==> flow/design.v <==
module gen_comparator #(
    parameter XLEN = 40,
    parameter LANES = 6
) (
    input  wire CLK,
    input  wire rst_n,
    input  wire enable,
    input  wire [LANES*XLEN-1:0] d,
    output wire [XLEN-1:0] hi
);
    reg [LANES*XLEN-1:0] d_ff;
    always @(posedge CLK or negedge rst_n) begin
        if (!rst_n) begin
            d_ff <= 0;
        end else if (enable) begin
            d_ff <= d;
        end
    end
    reg [XLEN-1:0] cur;
    integer k;
    always @* begin
        cur = d_ff[XLEN-1:0];
        for (k = 1; k < LANES; k = k + 1)
            if (d_ff[k*XLEN +: XLEN] > cur) cur = d_ff[k*XLEN +: XLEN];
    end
    reg [XLEN-1:0] hi_ff;
    always @(posedge CLK or negedge rst_n) begin
        if (!rst_n) begin
            hi_ff <= 0;
        end else if (enable) begin
            hi_ff <= cur;
        end
    end
    assign hi = hi_ff;
endmodule
# ---- From RTL to reports: gen_comparator
# What the tools print for gen_comparator, step after step.
# Lines are those of the file above, counted from 1.
# Cell names lack the library's common part.
# Not given: n/a
dict set report setup {
  top_module {gen_comparator}
  clock_port {CLK}
  library {sky130hd}
  pvt_corner {tt_025C_1v80}
}

# ---- Word level
# Counts by Yosys on the flattened word-level netlist (proc, flatten, opt, wreduce; memories kept). Register bits leave out memories and registers merged into their read ports (data or address); mux counts leave out enables and synchronous resets folded into registers. Print and check cells are left out. Cells with the same type and inputs are merged into one.
dict set report classes {
  n_cmp 5
  mux 5
}
# operator n
set op_table {}
lappend op_table {{greater-than comparator 40 bit} 5}
lappend op_table {{two-way mux 40 bit} 5}
dict set report bits {
  in_bits 243
  output_inout_bits 40
  register_bits 280
  word_cells 12
}

# ---- Longest topological paths
# Depth = most cells in a row (Yosys ltp): at word level without a register or memory, in the mapped netlist without a sequential cell, where the memories' decode and read muxes count.
dict set report depth {
  depth_word 10
  abc_area 0
  mapped_depth 72
  ltp_nobuf 62
}

# ---- Mapped cells and area
# Yosys stat after the flow's synthesis: flattened, memories mapped to cells. It holds for the ABC_AREA given above (unset counts as 0); a run with the other value may have another netlist.
# The area totals of this step are shown rounded.
# cell_type n
set by_type {}
lappend by_type {dfrtp_1 280}
lappend by_type {ha_1 196}
lappend by_type {mux2_2 122}
lappend by_type {o21ai_0 227}
lappend by_type {mux2i_1 95}
lappend by_type {nand2_1 179}
lappend by_type {inv_1 166}
lappend by_type {nand4_1 86}
lappend by_type {a31oi_1 76}
lappend by_type {o31a_1 41}
lappend by_type {clkbuf_1 86}
lappend by_type {a21o_1 41}
lappend by_type {a21oi_1 56}
lappend by_type {mux2i_2 20}
lappend by_type {nor2_1 73}
lappend by_type {nand3_1 51}
lappend by_type {o21a_1 12}
lappend by_type {nor2b_1 13}
# Other cell types: 40; their cells: 133.
dict set report synth_totals {
  mapped_cells 1953
  ff_cells 280
  sequential_area_um2 7000
  area_um2 18000
  buf_cells 112
}

# ---- Path before layout
# OpenSTA on the mapped netlist: ideal clock, no wires. The path of least setup slack (recovery checks aside). Input and output delay are each 20% of the period. Register names are those of the netlist, which keeps one name where synthesis merged equal registers.
dict set report synth_timing {
  path_type {flip-flop to flip-flop}
  from {reg d_ff[79]}
  to {reg hi_ff[9]}
  n_path_buf 11
  period_ps 16400
  t_first_pin_ps 0
  stages 70
  slack_ps 3250
  arrival_ps 13015
  path_delay_ps 13150
  setup_time_ps 135
  required_ps 16265
  synth_period_reached_ps 13150
}
# "path_delay_ps" = arrival - input delay + setup time.
# "stages": output pins that drive a net of the path, with the launching flip-flop's if there is one; two outputs of one cell count as two.
# "synth_period_reached_ps" = period - worst setup slack (recovery checks aside). The figure is calculated, with input and output delays left at 20% of the set period.
# The rows between start and end are the longest chain of elaborated cells between them; the timing report does not say that the signal goes this way. Where chains are equally long, one stands for them.
# A line is the first line of the expression or statement that the cell stems from. Yosys adds cells for indexed reads and writes and turns some case tables into memories.
dict set report synth_via {
  path_cell_list {dfrtp_1 -> ha_1 -> nand4_1 -> nor4_2 -> and3_1 -> o31a_1 -> o31a_1 -> buf_4 -> buf_6 -> buf_1 -> mux2i_1 -> ha_1 -> and3_1 -> a221o_1 -> o21ai_1 -> a211oi_1 -> or3_1 -> buf_2 -> [34 not listed] -> buf_6 -> mux2i_1 -> ha_1 -> nor2b_1 -> o21a_1 -> o21a_1 -> o21a_1 -> o21a_1 -> o21a_1 -> o21ai_0 -> a21oi_1 -> o31ai_1 -> o2bb2ai_1 -> clkbuf_1 -> clkbuf_1 -> nor2_1 -> a21oi_1 -> o31ai_1}
  elab_chain_cells 10
  cone_cells 10
  cone_lines 1
  classes_between {compare (5); mux (5)}
}
# element line_no
set synth_rtl {}
lappend synth_rtl {{from (decl)} 11} ;# reg [LANES*XLEN-1:0] d_ff;
lappend synth_rtl {{from (assign)} 14} ;# d_ff <= 0;
lappend synth_rtl {{from (assign)} 16} ;# d_ff <= d;
lappend synth_rtl {{greater-than comparator 40 bit} 24} ;# if (d_ff[k*XLEN +: XLEN] > cur) cur = d_ff[k*XLEN +: XLEN];
lappend synth_rtl {{two-way mux 40 bit} 24}
lappend synth_rtl {{greater-than comparator 40 bit} 24}
lappend synth_rtl {{two-way mux 40 bit} 24}
lappend synth_rtl {{greater-than comparator 40 bit} 24}
lappend synth_rtl {{two-way mux 40 bit} 24}
lappend synth_rtl {{greater-than comparator 40 bit} 24}
lappend synth_rtl {{two-way mux 40 bit} 24}
lappend synth_rtl {{greater-than comparator 40 bit} 24}
lappend synth_rtl {{two-way mux 40 bit} 24}
lappend synth_rtl {{to (assign)} 29} ;# hi_ff <= 0;
lappend synth_rtl {{to (assign)} 31} ;# hi_ff <= cur;
lappend synth_rtl {{to (decl)} 26} ;# reg [XLEN-1:0] hi_ff;

# ---- Worst path after layout
# Path of least setup slack in the final report of run 1 (OpenROAD, finished layout, wires in). Where an end is a register, its clock arrival counts in the times.
# The report prints the path's times to 10 ps; the period is as set.
dict set report layout_timing {
  path_type {flip-flop to flip-flop}
  from {reg d_ff[79]}
  to {reg hi_ff[27]}
  required_ps 16810
  n_path_buf 4
  period_ps 16400
  arrival_ps 15740
  stages 59
  setup_time_ps 130
  slack_ps 1070
  t_first_pin_ps 540
}
# The rows between start and end are the longest chain of elaborated cells between them; the timing report does not say that the signal goes this way. Where chains are equally long, one stands for them.
dict set report layout_via {
  path_cell_list {dfrtp_1 -> ha_1 -> nand4_1 -> nor4_2 -> and3_1 -> o31a_1 -> o31a_2 -> buf_4 -> mux2i_1 -> ha_1 -> and3_1 -> a221o_1 -> o21ai_1 -> a211oi_1 -> or3_1 -> a21o_1 -> o21ai_4 -> buf_4 -> [23 not listed] -> o31ai_2 -> a31oi_4 -> nor2_4 -> buf_16 -> mux2i_1 -> ha_1 -> nand4_1 -> nor2_1 -> nand2_1 -> or3_1 -> or3_1 -> a21oi_1 -> o31ai_1 -> o2bb2ai_4 -> buf_4 -> o31a_1 -> a31oi_1 -> a31oi_1}
  elab_chain_cells 10
  cone_cells 10
  cone_lines 1
  classes_between {compare (5); mux (5)}
}
# element line_no
set layout_rtl {}
lappend layout_rtl {{from (decl)} 11} ;# reg [LANES*XLEN-1:0] d_ff;
lappend layout_rtl {{from (assign)} 14} ;# d_ff <= 0;
lappend layout_rtl {{from (assign)} 16} ;# d_ff <= d;
lappend layout_rtl {{greater-than comparator 40 bit} 24} ;# if (d_ff[k*XLEN +: XLEN] > cur) cur = d_ff[k*XLEN +: XLEN];
lappend layout_rtl {{two-way mux 40 bit} 24}
lappend layout_rtl {{greater-than comparator 40 bit} 24}
lappend layout_rtl {{two-way mux 40 bit} 24}
lappend layout_rtl {{greater-than comparator 40 bit} 24}
lappend layout_rtl {{two-way mux 40 bit} 24}
lappend layout_rtl {{greater-than comparator 40 bit} 24}
lappend layout_rtl {{two-way mux 40 bit} 24}
lappend layout_rtl {{greater-than comparator 40 bit} 24}
lappend layout_rtl {{two-way mux 40 bit} 24}
lappend layout_rtl {{to (assign)} 29} ;# hi_ff <= 0;
lappend layout_rtl {{to (assign)} 31} ;# hi_ff <= cur;
lappend layout_rtl {{to (decl)} 26} ;# reg [XLEN-1:0] hi_ff;

; 3 stored runs of gen_comparator in the flow (synthesis by Yosys, layout by OpenROAD, sky130hd cells), in arbitrary order. Constraints: input delay and output delay 20% of the set period each, output load 0.01 pF.
; By "timing.achieved_period_ps" is meant the clock period of the run minus its worst setup slack. This is arithmetic on one report: input and output delays are still those of the set period (20% each).
; "design_power_uw": no workload was simulated; the value follows from the tool's default switching activity.
; Measured values are rounded.

[run 1: settings]
period_ns = 16.4
CORE_UTILIZATION = 38
PLACE_DENSITY_LB_ADDON = 0.25
ABC_AREA = 0
GPL_ROUTABILITY_DRIVEN = 0
CTS_CLUSTER_SIZE = 50
CAP_MARGIN = 30
CORE_MARGIN = 2
SLEW_MARGIN = 20
[run 1: results]
ys_area_um2 = 18000
timing.achieved_period_ps = 15326
hold_worst_slack_ps = 540
tns_ps = 0
design_power_uw = 3500
design_die_area_um2 = 50000
util_frac = 0.48
worst_setup_slack_ps = 1100

[run 2: settings]
period_ns = 16.4
CAP_MARGIN = 20
CORE_MARGIN = 2
CORE_UTILIZATION = 40
SLEW_MARGIN = 20
[run 2: results]
ys_area_um2 = 18000
timing.achieved_period_ps = 15376
hold_worst_slack_ps = 520
tns_ps = 0
design_power_uw = 3400
design_die_area_um2 = 48000
util_frac = 0.5
worst_setup_slack_ps = 1000

[run 3: settings]
period_ns = 16.6
CORE_UTILIZATION = 30
SETUP_SLACK_MARGIN = -0.92
PLACE_DENSITY_LB_ADDON = 0.24
CELL_PAD_IN_SITES_GLOBAL_PLACEMENT = 2
CAP_MARGIN = 25
MIN_ROUTING_LAYER = met1
CORE_MARGIN = 2
SLEW_MARGIN = 20
[run 3: results]
ys_area_um2 = 18000
timing.achieved_period_ps = 15684
hold_worst_slack_ps = 530
tns_ps = 0
design_power_uw = 3500
design_die_area_um2 = 64000
util_frac = 0.38
worst_setup_slack_ps = 920
